==> flow/design.v <==
module cpu_summer_stage #(
    parameter DWIDTH = 14
) (
    input  logic sys_clk,
    input  logic nrst,
    input  logic [DWIDTH-1:0] rs1_i,
    input  logic [DWIDTH-1:0] rs2_i,
    output logic [DWIDTH-1:0] o_o
);
    logic [DWIDTH-1:0] rs1_s;
    logic [DWIDTH-1:0] rs2_s;
    always_ff @(posedge sys_clk) begin
        if (~nrst) begin
            rs1_s <= 0;
            rs2_s <= 0;
        end else begin
            rs1_s <= rs1_i;
            rs2_s <= rs2_i;
        end
    end
    logic [DWIDTH:0] work;
    assign work = rs1_s + rs2_s;
    always_ff @(posedge sys_clk) begin
        if (~nrst) begin
            o_o <= 0;
        end else begin
            o_o <= work[DWIDTH] ? {DWIDTH{1'b1}} : work[DWIDTH-1:0];
        end
    end
endmodule
Tool chain data of cpu_summer_stage
What the tools print for cpu_summer_stage, step after step. Lines are those of the file above, counted from 1. A cell with n/a has no value.

Design top: cpu_summer_stage. Clock input: sys_clk. Library: sky130hd. Corner: tt_025C_1v80.

Elaborated design
Yosys after proc, flatten, opt, wreduce and memory -nomap, before mapping. Enables and synchronous resets that opt folds into registers are not counted as muxes. Memory bits, and registers merged into a memory's read port (data or address), are not among the register bits. Print and check cells are not counted. Equal cells are merged and count once.

The entry for bits in registers reads 42. Input port bits: 30. For output and inout bits the number is 14. Word-level cells: 5.

The figure for $add $sub $neg is 1. The entry for multiplexer cells reads 1.

Operator list (count): adder 14 x 14 -> 15 bit (1); two-way mux 14 bit (1).

Longest topological paths
Yosys ltp: most cells in a row. Word level: on the elaborated netlist, between registers, memories and ports. Mapped: between sequential cells and ports; inverters and the memories' decode and read muxes count.

The entry for depth after elaboration reads 2. The figure for ABC_AREA is 0. The entry for mapped depth reads 9. The entry for depth with buffers taken out reads 8.

Mapped cells and area
Source: synth_stat.txt of the flow (Yosys; design flattened, memories mapped). It holds for the ABC_AREA given above (unset counts as 0); a run with the other value may have another netlist. The area totals of this step are shown rounded.

The figure for standard cells after synthesis is 173. For cell area after synthesis the number is 0.00185 mm². Sequential area: 0.000841 mm². For flip-flop cells the number is 42. Buffers: 6.

Cells by type (count): sky130_fd_sc_hd__dfxtp_1 (42); sky130_fd_sc_hd__and2_1 (28); sky130_fd_sc_hd__ha_1 (14); sky130_fd_sc_hd__o21a_1 (15); sky130_fd_sc_hd__xnor2_1 (6); sky130_fd_sc_hd__a21o_1 (6); sky130_fd_sc_hd__a21oi_1 (9); sky130_fd_sc_hd__xor2_1 (5); sky130_fd_sc_hd__bufbuf_16 (1); sky130_fd_sc_hd__and3_1 (4); sky130_fd_sc_hd__and3_2 (3); sky130_fd_sc_hd__nand2_1 (6); sky130_fd_sc_hd__fa_1 (1); sky130_fd_sc_hd__nor3_1 (4); sky130_fd_sc_hd__o221a_4 (1); sky130_fd_sc_hd__nor2_1 (5); sky130_fd_sc_hd__a2111oi_2 (1); sky130_fd_sc_hd__o31ai_1 (2).

Not listed: further types 16, cells in them 20.

Timing after synthesis
OpenSTA on the mapped netlist: ideal clock, no wires. The path of least setup slack (recovery checks aside). Input and output delay are each 20% of the period. Register names are those of the netlist, which keeps one name where synthesis merged equal registers.

Path type: reg2reg. Start point: reg rs1_s[0]. End point: reg o_o[6]. For clock period the number is 2.68 ns. The figure for time at the first pin is 0.000 ns. Arrival: 2.030 ns. Path slack: 0.536 ns. The entry for delay of the path reads 2.145 ns. Under stages stands 10. Under buffers on the path stands 1. The figure for synthesis period reached is 2.144 ns.

"delay of the path" is the arrival time less input delay plus setup time. "stages" counts driving pins, that of a launching flip-flop among them; a cell with two outputs on the path counts twice. "synthesis period reached" is the clock period less the worst setup slack; recovery checks do not enter. This is arithmetic on one report: input and output delays are still those of the set period (20% each). Between the ends stands the longest chain of elaborated cells between them, by number of cells; it is not shown to be the way that was timed. Of several equally long chains one is given. A line is the first line of the expression or statement that the cell stems from. Yosys adds cells for indexed reads and writes and turns some case tables into memories.

Cell sequence: sky130_fd_sc_hd__dfxtp_1 > sky130_fd_sc_hd__ha_1 > sky130_fd_sc_hd__fa_1 > sky130_fd_sc_hd__a21o_1 > sky130_fd_sc_hd__a22oi_1 > sky130_fd_sc_hd__and2b_1 > sky130_fd_sc_hd__o21ai_2 > sky130_fd_sc_hd__o221a_4 > sky130_fd_sc_hd__buf_6 > sky130_fd_sc_hd__o21a_1. For length of the longest elaborated chain the number is 2. Under elaborated cells between the ends (all ways) stands 2. Classes of those cells: 1 x add/sub; 1 x mux.

Ends and longest elaborated chain, after synthesis: start, declared (RTL line 10) `logic [DWIDTH-1:0] rs1_s;`; start, assigned (RTL line 14) `rs1_s <= 0;`; start, assigned (RTL line 17) `rs1_s <= rs1_i;`; adder 14 x 14 -> 15 bit (RTL line 22) `assign work = rs1_s + rs2_s;`; two-way mux 14 bit (RTL line 27) `o_o <= work[DWIDTH] ? {DWIDTH{1'b1}} : work[DWIDTH-1:0];`; end, assigned (RTL line 25) `o_o <= 0;`; end, assigned (RTL line 27); end, declared (RTL line 8) `output logic [DWIDTH-1:0] o_o`.

Worst path after layout
Path of least setup slack in the final report of run 1 (OpenROAD, finished layout, wires in). Where an end is a register, its clock arrival counts in the times.

Path type: reg2reg. Start point: reg rs1_s[0]. End point: reg o_o[11]. For clock period the number is 2.94 ns. The figure for time at the first pin is 0.29 ns. Arrival: 2.56 ns. Path slack: 0.55 ns. Under stages stands 10. Under buffers on the path stands 1.

Between the ends stands the longest chain of elaborated cells between them, by number of cells; it is not shown to be the way that was timed. Of several equally long chains one is given.

Cell sequence: sky130_fd_sc_hd__dfxtp_1 > sky130_fd_sc_hd__ha_1 > sky130_fd_sc_hd__fa_1 > sky130_fd_sc_hd__a21o_1 > sky130_fd_sc_hd__a22oi_1 > sky130_fd_sc_hd__and2b_1 > sky130_fd_sc_hd__o21ai_2 > sky130_fd_sc_hd__o221a_4 > sky130_fd_sc_hd__buf_6 > sky130_fd_sc_hd__o21a_1. For length of the longest elaborated chain the number is 2. Under elaborated cells between the ends (all ways) stands 2. Classes of those cells: 1 x add/sub; 1 x mux.

Ends and longest elaborated chain, post-layout: start, declared (RTL line 10) `logic [DWIDTH-1:0] rs1_s;`; start, assigned (RTL line 14) `rs1_s <= 0;`; start, assigned (RTL line 17) `rs1_s <= rs1_i;`; adder 14 x 14 -> 15 bit (RTL line 22) `assign work = rs1_s + rs2_s;`; two-way mux 14 bit (RTL line 27) `o_o <= work[DWIDTH] ? {DWIDTH{1'b1}} : work[DWIDTH-1:0];`; end, assigned (RTL line 25) `o_o <= 0;`; end, assigned (RTL line 27); end, declared (RTL line 8) `output logic [DWIDTH-1:0] o_o`.

Lab notebook: cpu_summer_stage

cpu_summer_stage through Yosys and OpenROAD on sky130hd: 3 stored runs, unordered, with their settings and measured results. The constraints put input and output delay at 20% of the set period each and load the outputs with 0.01 pF. By "clock period reached" is meant the clock period of the run minus its worst setup slack. This is arithmetic on one report: input and output delays are still those of the set period (20% each). By "critical setup path time" is meant the share of the clock period that the worst setup path is allowed (20% is reserved at inputs, 20% at outputs), minus its slack. Clock arrival times at its registers enter into it. "total power of the final layout" is the tool's figure for a default switching activity; nothing was simulated. Results are given in rounded form.

Run 1 has these settings: period_ns 2.94; CORE_UTILIZATION 42; SETUP_SLACK_MARGIN -0.2; PLACE_DENSITY_LB_ADDON 0.26; CORE_ASPECT_RATIO 0.88; CELL_PAD_IN_SITES_DETAIL_PLACEMENT 1; GPL_TIMING_DRIVEN 0; CTS_CLUSTER_DIAMETER 282; CAP_MARGIN 40; SLEW_MARGIN 30; MIN_ROUTING_LAYER met2; MAX_ROUTING_LAYER met5; CORE_MARGIN 2. The total negative slack on setup checks reads 0.000 ns. The full die area reads 0.00494 mm². The netlist area reported by Yosys stands at 0.00185 mm². The critical setup path time stands at 2.39 ns. Kind of the worst setup path: reg2reg. The clock period reached comes to 2.385 ns. The setup slack of the critical path reads 0.555 ns. The total power of the final layout stands at 0.0012 W. The standard-cell area after routing comes to 0.00243 mm².

Run 2 has these settings: period_ns 2.05; CORE_UTILIZATION 36; SETUP_SLACK_MARGIN 0.19; PLACE_DENSITY_LB_ADDON 0.19; TNS_END_PERCENT 95; GPL_ROUTABILITY_DRIVEN 0; SLEW_MARGIN 35; CAP_MARGIN 20; CORE_MARGIN 2. The critical setup path time stands at 2.02 ns. Kind of the worst setup path: reg2reg. The standard-cell area after routing comes to 0.00255 mm². The total negative slack on setup checks reads 0.000 ns. The total power of the final layout stands at 0.00177 W. The setup slack of the critical path reads 0.026 ns. The clock period reached comes to 2.024 ns. The full die area reads 0.00572 mm². The netlist area reported by Yosys stands at 0.00185 mm².

Run 3 has these settings: period_ns 2.68; CAP_MARGIN 20; CORE_MARGIN 2; CORE_UTILIZATION 40; SLEW_MARGIN 20. The setup slack of the critical path reads 0.440 ns. The total negative slack on setup checks reads 0.000 ns. The full die area reads 0.00517 mm². The total power of the final layout stands at 0.00129 W. The standard-cell area after routing comes to 0.00236 mm². The critical setup path time stands at 2.24 ns. Kind of the worst setup path: reg2reg. The clock period reached comes to 2.240 ns. The netlist area reported by Yosys stands at 0.00185 mm².
